==> flow/design.v <==
module sync_mag_cmp_n #(
    parameter DATA_WIDTH = 72
) (
    input  sys_clk,
    input  [DATA_WIDTH-1:0] A,
    input  [DATA_WIDTH-1:0] B,
    output gt,
    output eq
);
    reg [DATA_WIDTH-1:0] A_reg;
    always @(posedge sys_clk)
        A_reg <= A;
    reg [DATA_WIDTH-1:0] B_reg;
    always @(posedge sys_clk)
        B_reg <= B;
    localparam GROUPS = DATA_WIDTH / 4;
    wire [GROUPS:0] g;
    wire [GROUPS:0] e;
    assign g[0] = 1'b0;
    assign e[0] = 1'b1;
    genvar i;
    generate
        for (i = 0; i < GROUPS; i = i + 1) begin : row
            sync_mag_cmp_n_nib_cmp i_sub (.a(A_reg[4*i +: 4]), .b(B_reg[4*i +: 4]), .gi(g[i]), .ei(e[i]), .go(g[i+1]), .eo(e[i+1]));
        end
    endgenerate
    assign gt = g[GROUPS];
    assign eq = e[GROUPS];
endmodule
module sync_mag_cmp_n_nib_cmp (
    input wire [3:0] a,
    input wire [3:0] b,
    input wire gi,
    input wire ei,
    output wire go,
    output wire eo
);
    assign go = (a > b) | ((a == b) & gi);
    assign eo = (a == b) & ei;
endmodule
* Tool chain data of sync_mag_cmp_n
Tool output for the design above, in the order of the flow. Lines are those of the file above, counted from 1. Cell names lack the library's common part. The mark n/a stands for no value.
Design: top sync_mag_cmp_n, clock port sys_clk, standard-cell library sky130hd, corner tt_025C_1v80

* Word-level counts
Yosys after proc, flatten, opt, wreduce and memory -nomap, before mapping. Enables and synchronous resets that opt folds into registers are not counted as muxes. Memory bits, and registers merged into a memory's read port (data or address), are not among the register bits. Print and check cells are not counted. Equal cells are merged and count once.
Operators by class: equal/unequal tests 18, magnitude comparators 18, bitwise operators 51
Operators with widths (count):
- 4-bit greater-than comparator | 18
- 4-bit equality test | 18
- 1-bit bitwise AND | 34
- 1-bit bitwise OR | 17
Word-level totals: output and inout bits 2, register bits 144, elaborated cells 89, bits of input ports 145

* Depth
Yosys ltp: most cells in a row. Word level: on the elaborated netlist, between registers, memories and ports. Mapped: between sequential cells and ports; inverters and the memories' decode and read muxes count.
Depth: depth in word-level cells 35, ABC_AREA 0, gate-level depth with buffers 8

* Synthesis result
The flow's flattened synthesis, as Yosys stat reports it; memories are mapped. The netlist is that of the ABC_AREA named above (0 if unset); the other value can give another one.
Mapped netlist: chip area (Yosys) 0.0048759 mm2, buffers 0, flip-flop cells 144, standard cells after synthesis 415
Cells by type (count):
- dfxtp_1 | 144
- ha_1 | 72
- inv_1 | 80
- nand4_1 | 17
- a21oi_1 | 17
- a21o_1 | 7
- nand2b_1 | 6
- nor2b_1 | 6
- nor3_1 | 7
- o21ai_0 | 7
- a2111oi_2 | 2
- a2111oi_4 | 1
- nand2_1 | 7
- o2111ai_1 | 3
- a2111o_1 | 2
- a211oi_1 | 3
- nor2_1 | 6
- o21a_1 | 3
Other cell types: 19; their cells: 25. By module: a second synthesis without flattening, with its own total; a netlist apart from the flattened one above.
Unflattened totals: cell total of the unflattened synthesis 434, area (unflattened synthesis) 0.0048271 mm2
Each row is one instance without its submodules.
By module:
- sync_mag_cmp_n | instances 1, area 0.0028903 mm2, cells 146, sequential area 0.0028828 mm2
- sync_mag_cmp_n_nib_cmp | instances 18, area 0.0001076 mm2, cells 16, sequential area 0 mm2

* Timing after synthesis
OpenSTA on the mapped netlist: ideal clock, no wires. The path of least setup slack (recovery checks aside). Input and output delay are each 20% of the period. Register names are those of the netlist, which keeps one name where synthesis merged equal registers.
Timing post-synthesis: kind reg-to-output, start point register A_reg[16], end point output gt, path delay 1865 ps, path buffers 0, data arrival time 1865 ps, data required time 2328 ps, external output delay 582 ps, period 2910 ps, setup slack 463 ps, stages on the path 9, synthesis period reached 2447 ps
"path delay" is the arrival time less input delay plus setup time. At an output port there is no setup time. "stages on the path" counts driving pins, that of a launching flip-flop among them; a cell with two outputs on the path counts twice. "synthesis period reached" is the clock period less the worst setup slack; recovery checks do not enter. This is arithmetic on one report: input and output delays are still those of the set period (20% each). The rows between start and end are the longest chain of elaborated cells between them; the timing report does not say that the signal goes this way. Where chains are equally long, one stands for them. A line is the first line of the expression or statement that the cell stems from. Yosys adds cells for indexed reads and writes and turns some case tables into memories.
On the way, post-synthesis: path through dfxtp_1 inv_1 ha_1 nand2b_1 a2111oi_2 or3_4 a2111oi_4 a2111oi_2 o32ai_2, length of the longest elaborated chain 29, elaborated cells between the ends (all ways) 30
RTL lines, path post-synthesis:
- start: declaration | RTL line 10 | reg [DATA_WIDTH-1:0] A_reg;
- start: assignment | RTL line 12 | A_reg <= A;
- 4-bit equality test | RTL line 38 | assign go = (a > b) | ((a == b) & gi);
- 1-bit bitwise AND | RTL line 38
- 1-bit bitwise OR | RTL line 38
- 1-bit bitwise AND | RTL line 38
- 1-bit bitwise OR | RTL line 38
- 1-bit bitwise AND | RTL line 38
- 1-bit bitwise OR | RTL line 38
- (+15 left out)
- 1-bit bitwise OR | RTL line 38
- 1-bit bitwise AND | RTL line 38
- 1-bit bitwise OR | RTL line 38
- 1-bit bitwise AND | RTL line 38
- 1-bit bitwise OR | RTL line 38
- 1-bit bitwise AND | RTL line 38
- 1-bit bitwise OR | RTL line 38
- end: declaration | RTL line 7 | output gt,

* Path in the finished layout
Path of least setup slack in the final report of run 1 (OpenROAD, finished layout, wires in). Where an end is a register, its clock arrival counts in the times. The path's times are printed in steps of 10 ps; the period is the one set.
Timing post-layout: kind reg-to-output, start point register B_reg[6], end point output gt, period 2050 ps, stages on the path 10, external output delay 410 ps, data arrival time 2490 ps, path buffers 1, data required time 1640 ps, setup slack -850 ps
The rows between start and end are the longest chain of elaborated cells between them; the timing report does not say that the signal goes this way. Where chains are equally long, one stands for them.
On the way, post-layout: path through dfxtp_2 inv_2 ha_4 a21o_1 a21oi_2 o21ai_1 a211o_1 a2111oi_4 o32ai_2 buf_2, length of the longest elaborated chain 35, elaborated cells between the ends (all ways) 36
RTL lines, path post-layout:
- start: declaration | RTL line 13 | reg [DATA_WIDTH-1:0] B_reg;
- start: assignment | RTL line 15 | B_reg <= B;
- 4-bit equality test | RTL line 38 | assign go = (a > b) | ((a == b) & gi);
- 1-bit bitwise AND | RTL line 38
- 1-bit bitwise OR | RTL line 38
- 1-bit bitwise AND | RTL line 38
- 1-bit bitwise OR | RTL line 38
- 1-bit bitwise AND | RTL line 38
- 1-bit bitwise OR | RTL line 38
- (+21 left out)
- 1-bit bitwise OR | RTL line 38
- 1-bit bitwise AND | RTL line 38
- 1-bit bitwise OR | RTL line 38
- 1-bit bitwise AND | RTL line 38
- 1-bit bitwise OR | RTL line 38
- 1-bit bitwise AND | RTL line 38
- 1-bit bitwise OR | RTL line 38
- end: declaration | RTL line 7 | output gt,

# Flow runs of sync_mag_cmp_n

Below are 3 stored runs of the flow (Yosys, OpenROAD; platform sky130hd) on sync_mag_cmp_n, each with its settings and what was measured, unordered. Constraints: input delay and output delay 20% of the set period each, output load 0.01 pF.
"critical setup path time" = time allowed to the worst setup path (clock period - input delay - output delay, where it has them) - its slack; a late launch clock adds to it, a late capture clock takes from it.
"power consumption" rests on the timing tool's default activity at the inputs, not on a simulated workload.
"critical setup path time" is known to 10 ps.

[run 1] flow files
==> flow/run.sh <==
#!/bin/bash
# the make line also repeats the synthesis and layout settings of config.mk as NAME=value (left out here)
make -C /OpenROAD-flow-scripts/flow DESIGN_CONFIG=/design/flow/config.mk WORK_HOME=/design/flow/orfs CLKGATE_MAP_FILE= finish
==> flow/config.mk <==
export PLATFORM = sky130hd
export DESIGN_NAME = sync_mag_cmp_n
export DESIGN_NICKNAME = sync_mag_cmp_n
export VERILOG_FILES = /design/flow/design.v
export SDC_FILE = /design/flow/constraint.sdc
export NUM_CORES = 4
export LEC_CHECK = 0
export CAP_MARGIN = 20
export CELL_PAD_IN_SITES_DETAIL_PLACEMENT = 2
export CORE_MARGIN = 2
export CORE_UTILIZATION = 31
export CTS_CLUSTER_SIZE = 31
export GPL_ROUTABILITY_DRIVEN = 0
export HOLD_SLACK_MARGIN = 0.17
export PLACE_DENSITY_LB_ADDON = 0.15
export SETUP_SLACK_MARGIN = -0.12
export SLEW_MARGIN = 20
==> flow/constraint.sdc <==
create_clock -name core_clock -period 2.05 [get_ports {sys_clk}]
set_input_delay 0.4100 -clock core_clock [delete_from_list [all_inputs] [get_ports {sys_clk}]]
set_output_delay 0.4100 -clock core_clock [all_outputs]
set_load 0.01 [all_outputs]

[run 1] result: total negative slack on setup checks -1432 ps; die size 0.0167482 mm2; worst setup slack after layout -852 ps; power consumption 7079 uW; post-synthesis cell area 0.0048759 mm2; utilization after layout 0.507; critical setup path time 2490 ps; type of the worst setup path reg-to-output; worst hold slack in the final report 428 ps

[run 2] flow files
==> flow/run.sh <==
#!/bin/bash
# the make line also repeats the synthesis and layout settings of config.mk as NAME=value (left out here)
make -C /OpenROAD-flow-scripts/flow DESIGN_CONFIG=/design/flow/config.mk WORK_HOME=/design/flow/orfs CLKGATE_MAP_FILE= finish
==> flow/config.mk <==
export PLATFORM = sky130hd
export DESIGN_NAME = sync_mag_cmp_n
export DESIGN_NICKNAME = sync_mag_cmp_n
export VERILOG_FILES = /design/flow/design.v
export SDC_FILE = /design/flow/constraint.sdc
export NUM_CORES = 4
export LEC_CHECK = 0
export CAP_MARGIN = 20
export CORE_MARGIN = 2
export CORE_UTILIZATION = 40
export SLEW_MARGIN = 20
==> flow/constraint.sdc <==
create_clock -name core_clock -period 2.91 [get_ports {sys_clk}]
set_input_delay 0.5820 -clock core_clock [delete_from_list [all_inputs] [get_ports {sys_clk}]]
set_output_delay 0.5820 -clock core_clock [all_outputs]
set_load 0.01 [all_outputs]

[run 2] result: total negative slack on setup checks -76 ps; die size 0.0130885 mm2; worst setup slack after layout -76 ps; power consumption 4746 uW; post-synthesis cell area 0.0048759 mm2; utilization after layout 0.624; critical setup path time 2400 ps; type of the worst setup path reg-to-output; worst hold slack in the final report 603 ps

[run 3] flow files
==> flow/run.sh <==
#!/bin/bash
# the make line also repeats the synthesis and layout settings of config.mk as NAME=value (left out here)
make -C /OpenROAD-flow-scripts/flow DESIGN_CONFIG=/design/flow/config.mk WORK_HOME=/design/flow/orfs CLKGATE_MAP_FILE= finish
==> flow/config.mk <==
export PLATFORM = sky130hd
export DESIGN_NAME = sync_mag_cmp_n
export DESIGN_NICKNAME = sync_mag_cmp_n
export VERILOG_FILES = /design/flow/design.v
export SDC_FILE = /design/flow/constraint.sdc
export NUM_CORES = 4
export LEC_CHECK = 0
export ABC_AREA = 1
export CAP_MARGIN = 20
export CELL_PAD_IN_SITES_DETAIL_PLACEMENT = 0
export CORE_ASPECT_RATIO = 1.31
export CORE_MARGIN = 2
export CORE_UTILIZATION = 23
export CTS_CLUSTER_SIZE = 30
export MAX_ROUTING_LAYER = met5
export MIN_ROUTING_LAYER = met1
export SETUP_SLACK_MARGIN = 1.06
export SLEW_MARGIN = 20
==> flow/constraint.sdc <==
create_clock -name core_clock -period 4.2 [get_ports {sys_clk}]
set_input_delay 0.8400 -clock core_clock [delete_from_list [all_inputs] [get_ports {sys_clk}]]
set_output_delay 0.8400 -clock core_clock [all_outputs]
set_load 0.01 [all_outputs]

[run 3] result: total negative slack on setup checks 0 ps; die size 0.022351 mm2; worst setup slack after layout 713 ps; power consumption 3456 uW; post-synthesis cell area 0.0048672 mm2; utilization after layout 0.361; critical setup path time 2650 ps; type of the worst setup path reg-to-output; worst hold slack in the final report 864 ps
